==> flow/design.v <==
module scratch #(
   parameter ENTRIES = 16,
   parameter WD = 6,
   parameter N_READ = 3,
   parameter NW = 1,
   parameter IDX_W = $clog2(ENTRIES)
) (
   input CLK,
   input [NW-1:0] i_we,
   input [NW*IDX_W-1:0] i_write_addr,
   input [NW*WD-1:0] i_d,
   input [N_READ*IDX_W-1:0] i_rd_addr,
   output reg [N_READ*WD-1:0] o_rd
);
   reg [WD-1:0] rf [0:ENTRIES-1];
   integer idx;
   always @(posedge CLK) begin
      for (idx = 0; idx < NW; idx = idx + 1)
         if (i_we[idx]) rf[i_write_addr[idx*IDX_W +: IDX_W]] <= i_d[idx*WD +: WD];
   end
   wire [N_READ*WD-1:0] val;
   genvar j;
   generate
      for (j = 0; j < N_READ; j = j + 1) begin : row
         assign val[j*WD +: WD] = rf[i_rd_addr[j*IDX_W +: IDX_W]];
      end
   endgenerate
   always @(posedge CLK)
      o_rd <= val;
endmodule
Tool chain data of scratch
Tool output for the design above, in the order of the flow.
Lines are those of the file above, counted from 1.
Operators: Yosys type, input widths -> output width; for muxes data width and select width s.
Cell names lack the library's common part.
{"block": "setup", "top": "scratch", "clock_port": "CLK", "lib": "sky130hd", "corner": "tt_025C_1v80"}

Word-level counts
Counts by Yosys on the flattened word-level netlist (proc, flatten, opt, wreduce; memories kept). Register bits leave out memories and registers merged into their read ports (data or address); mux counts leave out enables and synchronous resets folded into registers. Print and check cells are left out. Cells with the same type and inputs are merged into one.
Yosys's memory passes give these memory sizes; they may raise the number of words (mostly to a power of two), join words into wider ones and drop unused or constant bits.
{"block": "word_totals", "out_inout_bits": 18, "wordCells": 4, "mem_bits_rw": 96, "clocked_rd_ports_x_width": 18, "n_memories": 1, "register_bits": 0}
{"block": "mem_list", "name": "rf", "size": 16, "width": 6, "read_ports": 3, "wr": 1, "line": 15, "text": "reg [WD-1:0] rf [0:ENTRIES-1];"}
{"block": "op_classes", "n_mux": 3}
{"block": "ops", "operator": "$mux 6", "count": 1}
{"block": "ops", "operator": "$mux 4", "count": 1}
{"block": "ops", "operator": "$mux 1", "count": 1}

Longest topological paths
Longest topological path by Yosys (ltp), each cell counted once; first at word level (registers and memories cut), then after technology mapping (sequential cells cut; the memories' decode and read muxes count).
{"block": "depth", "ltp_word": 1, "ABC_AREA": 0, "mapped_depth": 5, "mapped_depth_nobuf": 3}

Mapped cells and area
Source: synth_stat.txt of the flow (Yosys; design flattened, memories mapped). It holds for the ABC_AREA given above (unset counts as 0); a run with the other value may have another netlist.
{"block": "synth_totals", "stdcells": 296, "area_um2": 5688.0, "n_buf": 21, "flip_flops": 114}
{"block": "types", "cell_type": "edfxtp_1", "count": 96}
{"block": "types", "cell_type": "mux4_1", "count": 34}
{"block": "types", "cell_type": "mux4_2", "count": 38}
{"block": "types", "cell_type": "dfxtp_1", "count": 18}
{"block": "types", "cell_type": "a22oi_1", "count": 36}
{"block": "types", "cell_type": "nand2_1", "count": 19}
{"block": "types", "cell_type": "buf_6", "count": 6}
{"block": "types", "cell_type": "buf_12", "count": 3}
{"block": "types", "cell_type": "nor2_1", "count": 15}
{"block": "types", "cell_type": "nor2b_1", "count": 6}
{"block": "types", "cell_type": "buf_2", "count": 6}
{"block": "types", "cell_type": "nor3_1", "count": 4}
{"block": "types", "cell_type": "and2_1", "count": 3}
{"block": "types", "cell_type": "nand3b_1", "count": 2}
{"block": "types", "cell_type": "nand2b_1", "count": 2}
{"block": "types", "cell_type": "buf_1", "count": 3}
{"block": "types", "cell_type": "clkbuf_1", "count": 3}
{"block": "types", "cell_type": "or3b_2", "count": 1}
{"block": "types", "cell_type": "nand3_1", "count": 1}

Timing after synthesis
Source: OpenSTA report_checks on the synthesized netlist (no wires, ideal clock, input and output delay 20% of the period each), path of least setup slack; recovery checks are left aside. Register names are those of the netlist, which keeps one name where synthesis merged equal registers.
{"block": "synth_timing", "path_kind": "input-to-reg", "start": "input port i_write_addr[2]", "end": "memory rf[0][0]", "path_slack_ps": 336, "arrival_ps": 1397, "clock_period_ps": 2110, "setup_ps": 377, "path_buffers": 0, "stages": 2, "t_required_ps": 1733, "delay_ps": 1352, "synth_period_reached_ps": 1774}
"delay_ps" is the arrival time less input delay plus setup time.
"stages" counts driving pins, that of a launching flip-flop among them; a cell with two outputs on the path counts twice.
"synth_period_reached_ps" is the clock period less the worst setup slack; recovery checks do not enter. This is arithmetic on one report: input and output delays are still those of the set period (20% each).
Between the ends stands the longest chain of elaborated cells between them, by number of cells; it is not shown to be the way that was timed. Of several equally long chains one is given.
A line is the first line of the expression or statement that the cell stems from. Yosys adds cells for indexed reads and writes and turns some case tables into memories.
{"block": "synth_via", "cell_sequence": "or3b_2 -> nor3_1", "elab_chain_cells": 1, "cone_cells": 1, "cone_lines": 1, "cone_classes": "1 x mux"}
{"block": "synth_lines", "element": "from (decl)", "line": 10, "text": "input [NW*IDX_W-1:0] i_write_addr,"}
{"block": "synth_lines", "element": "$mux 4", "line": 19, "text": "if (i_we[idx]) rf[i_write_addr[idx*IDX_W +: IDX_W]] <= i_d[idx*WD +: WD];"}
{"block": "synth_lines", "element": "to (decl)", "line": 15, "text": "reg [WD-1:0] rf [0:ENTRIES-1];"}

Timing after layout
From the final timing report of run 1: the path of least setup slack in the routed layout; clock arrival at registers is part of the times.
The path's times are printed in steps of 10 ps; the period is the one set.
{"block": "layout_timing", "path_kind": "input-to-reg", "start": "input port i_rd_addr[8]", "end": "register o_rd[15]", "path_slack_ps": 130, "setup_ps": 120, "path_buffers": 3, "t_required_ps": 2400, "arrival_ps": 2270, "stages": 6, "clock_period_ps": 2110}
{"block": "layout_via", "cell_sequence": "clkdlybuf4s50_1 -> buf_12 -> buf_4 -> mux4_1 -> a22oi_1 -> nand2_1"}
{"block": "layout_lines", "element": "from (decl)", "line": 12, "text": "input [N_READ*IDX_W-1:0] i_rd_addr,"}
{"block": "layout_lines", "element": "to (decl)", "line": 13, "text": "output reg [N_READ*WD-1:0] o_rd"}
Chain of elaborated cells between the ends: none given.

Hand-over note for scratch

Settings and measured results of 3 stored flow runs for module scratch (sky130hd), not sorted in any way. The constraints put input and output delay at 20% of the set period each and load the outputs with 0.01 pF.
"achieved_clock_period_ps" is the run's clock period less its worst setup slack. It is reckoned from that one timing run; input and output delays stay at 20% of the period that was set.
"design_power_uw" is the tool's figure for a default switching activity; nothing was simulated.

{"run": "run 1", "settings": { "period_ns": 2.11, "CAP_MARGIN": 20, "CORE_MARGIN": 2, "CORE_UTILIZATION": 40, "SLEW_MARGIN": 20 }, "results": { "setup_worst_slack_ps": 132, "dieArea_um2": 15189.3, "achieved_clock_period_ps": 1978, "fin_util_pct": 52.4, "design_power_uw": 6460, "synth_area_um2": 5688.0 }}
{"run": "run 2", "settings": { "period_ns": 1.44, "CORE_UTILIZATION": 69, "SETUP_SLACK_MARGIN": 0.15, "PLACE_DENSITY_LB_ADDON": 0.3, "HOLD_SLACK_MARGIN": 0.22, "ABC_AREA": 0, "GPL_TIMING_DRIVEN": 1, "CTS_CLUSTER_SIZE": 66, "CAP_MARGIN": 0, "MIN_ROUTING_LAYER": "met2", "CORE_MARGIN": 2, "SLEW_MARGIN": 20 }, "outcome": "not finished: routing ended with error GRT-0232"}
{"run": "run 3", "settings": { "period_ns": 3.33, "CORE_UTILIZATION": 40, "PLACE_DENSITY": 0.48, "HOLD_SLACK_MARGIN": 0.29, "CORE_ASPECT_RATIO": 1.37, "CELL_PAD_IN_SITES_GLOBAL_PLACEMENT": 1, "TNS_END_PERCENT": 90, "ABC_AREA": 0, "GPL_TIMING_DRIVEN": 0, "GPL_ROUTABILITY_DRIVEN": 1, "CTS_CLUSTER_SIZE": 70, "CAP_MARGIN": 30, "MIN_ROUTING_LAYER": "met1", "MAX_ROUTING_LAYER": "met4", "CORE_MARGIN": 2, "SLEW_MARGIN": 20 }, "results": { "setup_worst_slack_ps": 970, "dieArea_um2": 15201.7, "achieved_clock_period_ps": 2360, "fin_util_pct": 48.8, "design_power_uw": 3725, "synth_area_um2": 5688.0 }}

End of note.
